==> flow/design.v <==
module u_shifter_top #(
   parameter integer BITS = 20,
   parameter integer LG = $clog2(BITS)
) (
   input  core_clk,
   input  RST,
   input  signed [BITS-1:0] i_d,
   input  [LG-1:0] i_count,
   output [BITS-1:0] o_z_o
);
   reg signed [BITS-1:0] d_reg;
   reg [LG-1:0] count_reg;
   reg signed [BITS-1:0] t_reg;
   reg [1:0] count_reg_lo;
   reg [BITS-1:0] z_o_reg;
   assign o_z_o = z_o_reg;
   always @(posedge core_clk) begin
      if (RST) begin
         d_reg <= 0;
         count_reg <= 0;
         t_reg <= 0;
         count_reg_lo <= 0;
         z_o_reg <= 0;
      end else begin
         d_reg <= i_d;
         count_reg <= i_count;
         t_reg <= d_reg >>> {count_reg[LG-1:2], 2'b00};
         count_reg_lo <= count_reg[1:0];
         z_o_reg <= t_reg >>> count_reg_lo;
      end
   end
endmodule
From RTL to reports: u_shifter_top
What the tools print for u_shifter_top, step after step.
Line numbers count from 1 in the design file above.
Operators: Yosys type, input widths -> output width; for muxes data width and select width s.
Cell names lack the library's common part.
A cell with n/a has no value.
- design top: u_shifter_top
- clock port: core_clk
- cell library: sky130hd
- corner: tt_025C_1v80

Word-level counts
Counts by Yosys on the flattened word-level netlist (proc, flatten, opt, wreduce; memories kept). Register bits leave out memories and registers merged into their read ports (data or address); mux counts leave out enables and synchronous resets folded into registers. Print and check cells are left out. Cells with the same type and inputs are merged into one.
- register bits after elaboration at 67
- latch bits at 0
- bits in writable memories at 0
- bits in read-only memories at 0
- word width x clocked read ports at 0
- memory cells: 0
- bits of input ports at 27
- output and inout bits at 20
- word-level cells at 7
- noted add/subtract/negate cells: 0
- multipliers at 0
- noted div/mod/pow operators: 0
- noted magnitude comparators: 0
- noted equal/unequal tests: 0
- shifts and indexed selects: 2
- multiplexer cells at 0
- bitwise gates (word level) at 0
- reduce/logical cells at 0
- operators with widths (cell ; number):
    $sshr 20x2->20 ; 1
    $sshr 20x5->20 ; 1

Logic depth
Depth = most cells in a row (Yosys ltp): at word level without a register or memory, in the mapped netlist without a sequential cell, where the memories' decode and read muxes count.
- noted depth after elaboration: 1
- ABC_AREA: 0
- noted gate-level depth with buffers: 5
- noted mapped depth without buffers: 3

Synthesis result
Yosys stat after the flow's synthesis: flattened, memories mapped to cells. It holds for the ABC_AREA given above (unset counts as 0); a run with the other value may have another netlist.
- cells by type (type ; number ; area in all (um2)):
    dfxtp_1 ; 67 ; 1.34E+03
    mux4_2 ; 17 ; 382.867
    nor2b_1 ; 46 ; 287.776
    mux2i_1 ; 13 ; 130.125
    mux4_1 ; 3 ; 78.826
    a21oi_1 ; 9 ; 45.043
    nand3b_1 ; 5 ; 37.536
    o221ai_1 ; 4 ; 35.034
    nand2_1 ; 9 ; 33.782
    o211ai_1 ; 4 ; 30.029
    clkbuf_1 ; 7 ; 26.275
    nor2_1 ; 7 ; 26.275
    a211oi_1 ; 3 ; 22.522
    buf_4 ; 3 ; 22.522
    buf_2 ; 3 ; 15.014
    nor4b_2 ; 1 ; 15.014
    buf_6 ; 1 ; 11.261
    mux2_2 ; 1 ; 11.261
Not listed: further types 8, cells in them 9.
- noted cells in the netlist: 212
- mapped area: 0.0026138 mm2
- noted sequential area: 0.0013413 mm2
- flip-flop cells: 67
- noted buffers: 15

Path before layout
Source: OpenSTA report_checks on the synthesized netlist (no wires, ideal clock, input and output delay 20% of the period each), path of least setup slack; recovery checks are left aside. Register names are those of the netlist, which keeps one name where synthesis merged equal registers.
- path kind: flip-flop to flip-flop
- from: register count_reg_lo[0]
- to: register z_o_reg[15]
- noted clock period: 1.59 ns
- noted library setup time: 0.128 ns
- launch time at the first pin at 0.000 ns
- noted arrival time: 1.144 ns
- data required time at 1.462 ns
- noted path slack: 0.318 ns
- delay of the path at 1.272 ns
- driving pins on the path at 4
- buffers on the path at 1
- synthesis period reached at 1.272 ns
"delay of the path" = arrival - input delay + setup time.
"driving pins on the path": output pins that drive a net of the path, with the launching flip-flop's if there is one; two outputs of one cell count as two.
"synthesis period reached" = period - worst setup slack (recovery checks aside). The figure is calculated, with input and output delays left at 20% of the set period.
Between the ends stands the longest chain of elaborated cells between them, by number of cells; it is not shown to be the way that was timed. Of several equally long chains one is given.
Each line given opens the expression or statement behind the cell; cells for indexed reads and writes are added by Yosys, which also makes memories of some case tables.
- cells stage by stage: dfxtp_1 > buf_2 > mux4_2 > nor2b_1
- cells in the longest elaborated chain at 1
- noted elaborated cells between the ends (all ways): 1
- source lines of those cells: 1
- classes of those cells: shift (1)
- ends and longest elaborated chain, post-synthesis (item ; RTL line ; RTL):
    from (decl) ; 14 ; reg [1:0] count_reg_lo;
    from (assign) ; 22 ; count_reg_lo <= 0;
    from (assign) ; 28 ; count_reg_lo <= count_reg[1:0];
    $sshr 20x2->20 ; 29 ; z_o_reg <= t_reg >>> count_reg_lo;
    to (assign) ; 23 ; z_o_reg <= 0;
    to (assign) ; 29 ;
    to (decl) ; 15 ; reg [BITS-1:0] z_o_reg;

Worst path after layout
Path of least setup slack in the final report of record 1 (OpenROAD, finished layout, wires in). Where an end is a register, its clock arrival counts in the times.
- path kind: flip-flop to output port
- from: register z_o_reg[18]
- to: output o_z_o[18]
- noted clock period: 1.59 ns
- noted output delay: 0.32 ns
- launch time at the first pin at 0.33 ns
- noted arrival time: 1.18 ns
- data required time at 1.27 ns
- noted path slack: 0.09 ns
- driving pins on the path at 2
- buffers on the path at 1
- cells stage by stage: dfxtp_1 > clkdlybuf4s50_1
- cells in the longest elaborated chain at 0
- noted elaborated cells between the ends (all ways): 0
- source lines of those cells: 0
- ends and longest elaborated chain, after layout (item ; RTL line ; RTL):
    from (decl) ; 15 ; reg [BITS-1:0] z_o_reg;
    from (assign) ; 23 ; z_o_reg <= 0;
    from (assign) ; 29 ; z_o_reg <= t_reg >>> count_reg_lo;
    to (decl) ; 9 ; output [BITS-1:0] o_z_o

==> results <==
Module u_shifter_top, platform sky130hd: 3 stored runs of the flow (Yosys, OpenROAD) with differing settings, in no particular order. Input and output delays are each 20% of the period that was set; the output load is 0.01 pF.
"period achieved" is the run's clock period less its worst setup slack. It is reckoned from that one timing run; input and output delays stay at 20% of the period that was set.
"worst path time" = time allowed to the worst setup path (clock period - input delay - output delay, where it has them) - its slack; a late launch clock adds to it, a late capture clock takes from it.
"overall power": no workload was simulated; the value follows from the tool's default switching activity.

Record 1

==> flow/run.sh <==
#!/bin/bash
# the make line also repeats the synthesis and layout settings of config.mk as NAME=value (left out here)
make -C /OpenROAD-flow-scripts/flow DESIGN_CONFIG=/design/flow/config.mk WORK_HOME=/design/flow/orfs CLKGATE_MAP_FILE= finish
==> flow/config.mk <==
export PLATFORM = sky130hd
export DESIGN_NAME = u_shifter_top
export DESIGN_NICKNAME = u_shifter_top
export VERILOG_FILES = /design/flow/design.v
export SDC_FILE = /design/flow/constraint.sdc
export NUM_CORES = 4
export LEC_CHECK = 0
export CAP_MARGIN = 20
export CORE_MARGIN = 2
export CORE_UTILIZATION = 40
export SLEW_MARGIN = 20
==> flow/constraint.sdc <==
create_clock -name core_clock -period 1.59 [get_ports {core_clk}]
set_input_delay 0.3180 -clock core_clock [delete_from_list [all_inputs] [get_ports {core_clk}]]
set_output_delay 0.3180 -clock core_clock [all_outputs]
set_load 0.01 [all_outputs]

Measured in record 1:
- noted the utilization after layout: 0.531
- noted the worst path time: 1.18 ns
- kind of the worst setup path: flip-flop to output port
- noted the netlist area reported by Yosys: 0.0026138 mm2
- overall power: 3555 uW
- standard-cell area of the final layout: 0.0033732 mm2
- noted the worst hold slack in the final report: 0.400 ns
- worst slack on setup checks: 0.090 ns
- noted the die size: 0.007197 mm2
- noted the post-route setup TNS: 0.000 ns
- period achieved: 1.500 ns

Record 2

==> flow/run.sh <==
#!/bin/bash
# the make line also repeats the synthesis and layout settings of config.mk as NAME=value (left out here)
make -C /OpenROAD-flow-scripts/flow DESIGN_CONFIG=/design/flow/config.mk WORK_HOME=/design/flow/orfs CLKGATE_MAP_FILE= finish
==> flow/config.mk <==
export PLATFORM = sky130hd
export DESIGN_NAME = u_shifter_top
export DESIGN_NICKNAME = u_shifter_top
export VERILOG_FILES = /design/flow/design.v
export SDC_FILE = /design/flow/constraint.sdc
export NUM_CORES = 4
export LEC_CHECK = 0
export ABC_AREA = 1
export CAP_MARGIN = 30
export CELL_PAD_IN_SITES_DETAIL_PLACEMENT = 2
export CORE_ASPECT_RATIO = 0.82
export CORE_MARGIN = 2
export CORE_UTILIZATION = 16
export HOLD_SLACK_MARGIN = 0.09
export MIN_ROUTING_LAYER = met1
export PLACE_DENSITY = 0.64
export SETUP_SLACK_MARGIN = 0.02
export SLEW_MARGIN = 40
export TNS_END_PERCENT = 15
==> flow/constraint.sdc <==
create_clock -name core_clock -period 1.83 [get_ports {core_clk}]
set_input_delay 0.3660 -clock core_clock [delete_from_list [all_inputs] [get_ports {core_clk}]]
set_output_delay 0.3660 -clock core_clock [all_outputs]
set_load 0.01 [all_outputs]

Measured in record 2:
- overall power: 3905 uW
- noted the post-route setup TNS: 0.000 ns
- noted the worst path time: 1.23 ns
- kind of the worst setup path: flip-flop to output port
- standard-cell area of the final layout: 0.0036748 mm2
- noted the netlist area reported by Yosys: 0.0026876 mm2
- noted the worst hold slack in the final report: 0.411 ns
- period achieved: 1.600 ns
- noted the utilization after layout: 0.226
- noted the die size: 0.0178551 mm2
- worst slack on setup checks: 0.230 ns

Record 3

==> flow/run.sh <==
#!/bin/bash
# the make line also repeats the synthesis and layout settings of config.mk as NAME=value (left out here)
make -C /OpenROAD-flow-scripts/flow DESIGN_CONFIG=/design/flow/config.mk WORK_HOME=/design/flow/orfs CLKGATE_MAP_FILE= finish
==> flow/config.mk <==
export PLATFORM = sky130hd
export DESIGN_NAME = u_shifter_top
export DESIGN_NICKNAME = u_shifter_top
export VERILOG_FILES = /design/flow/design.v
export SDC_FILE = /design/flow/constraint.sdc
export NUM_CORES = 4
export LEC_CHECK = 0
export ABC_AREA = 0
export CAP_MARGIN = 5
export CELL_PAD_IN_SITES_GLOBAL_PLACEMENT = 1
export CORE_ASPECT_RATIO = 1.33
export CORE_MARGIN = 2
export CORE_UTILIZATION = 44
export CTS_CLUSTER_SIZE = 47
export GPL_TIMING_DRIVEN = 0
export HOLD_SLACK_MARGIN = 0.25
export MAX_ROUTING_LAYER = met4
export MIN_ROUTING_LAYER = met2
export PLACE_DENSITY_LB_ADDON = 0.27
export SETUP_SLACK_MARGIN = 0.36
export SLEW_MARGIN = 20
==> flow/constraint.sdc <==
create_clock -name core_clock -period 1.79 [get_ports {core_clk}]
set_input_delay 0.3580 -clock core_clock [delete_from_list [all_inputs] [get_ports {core_clk}]]
set_output_delay 0.3580 -clock core_clock [all_outputs]
set_load 0.01 [all_outputs]

Measured in record 3:
- standard-cell area of the final layout: 0.0033682 mm2
- noted the utilization after layout: 0.584
- noted the worst path time: 1.39 ns
- kind of the worst setup path: flip-flop to flip-flop
- worst slack on setup checks: 0.397 ns
- period achieved: 1.393 ns
- noted the netlist area reported by Yosys: 0.0026138 mm2
- noted the worst hold slack in the final report: 0.436 ns
- overall power: 3158 uW
- noted the die size: 0.006579 mm2
- noted the post-route setup TNS: 0.000 ns
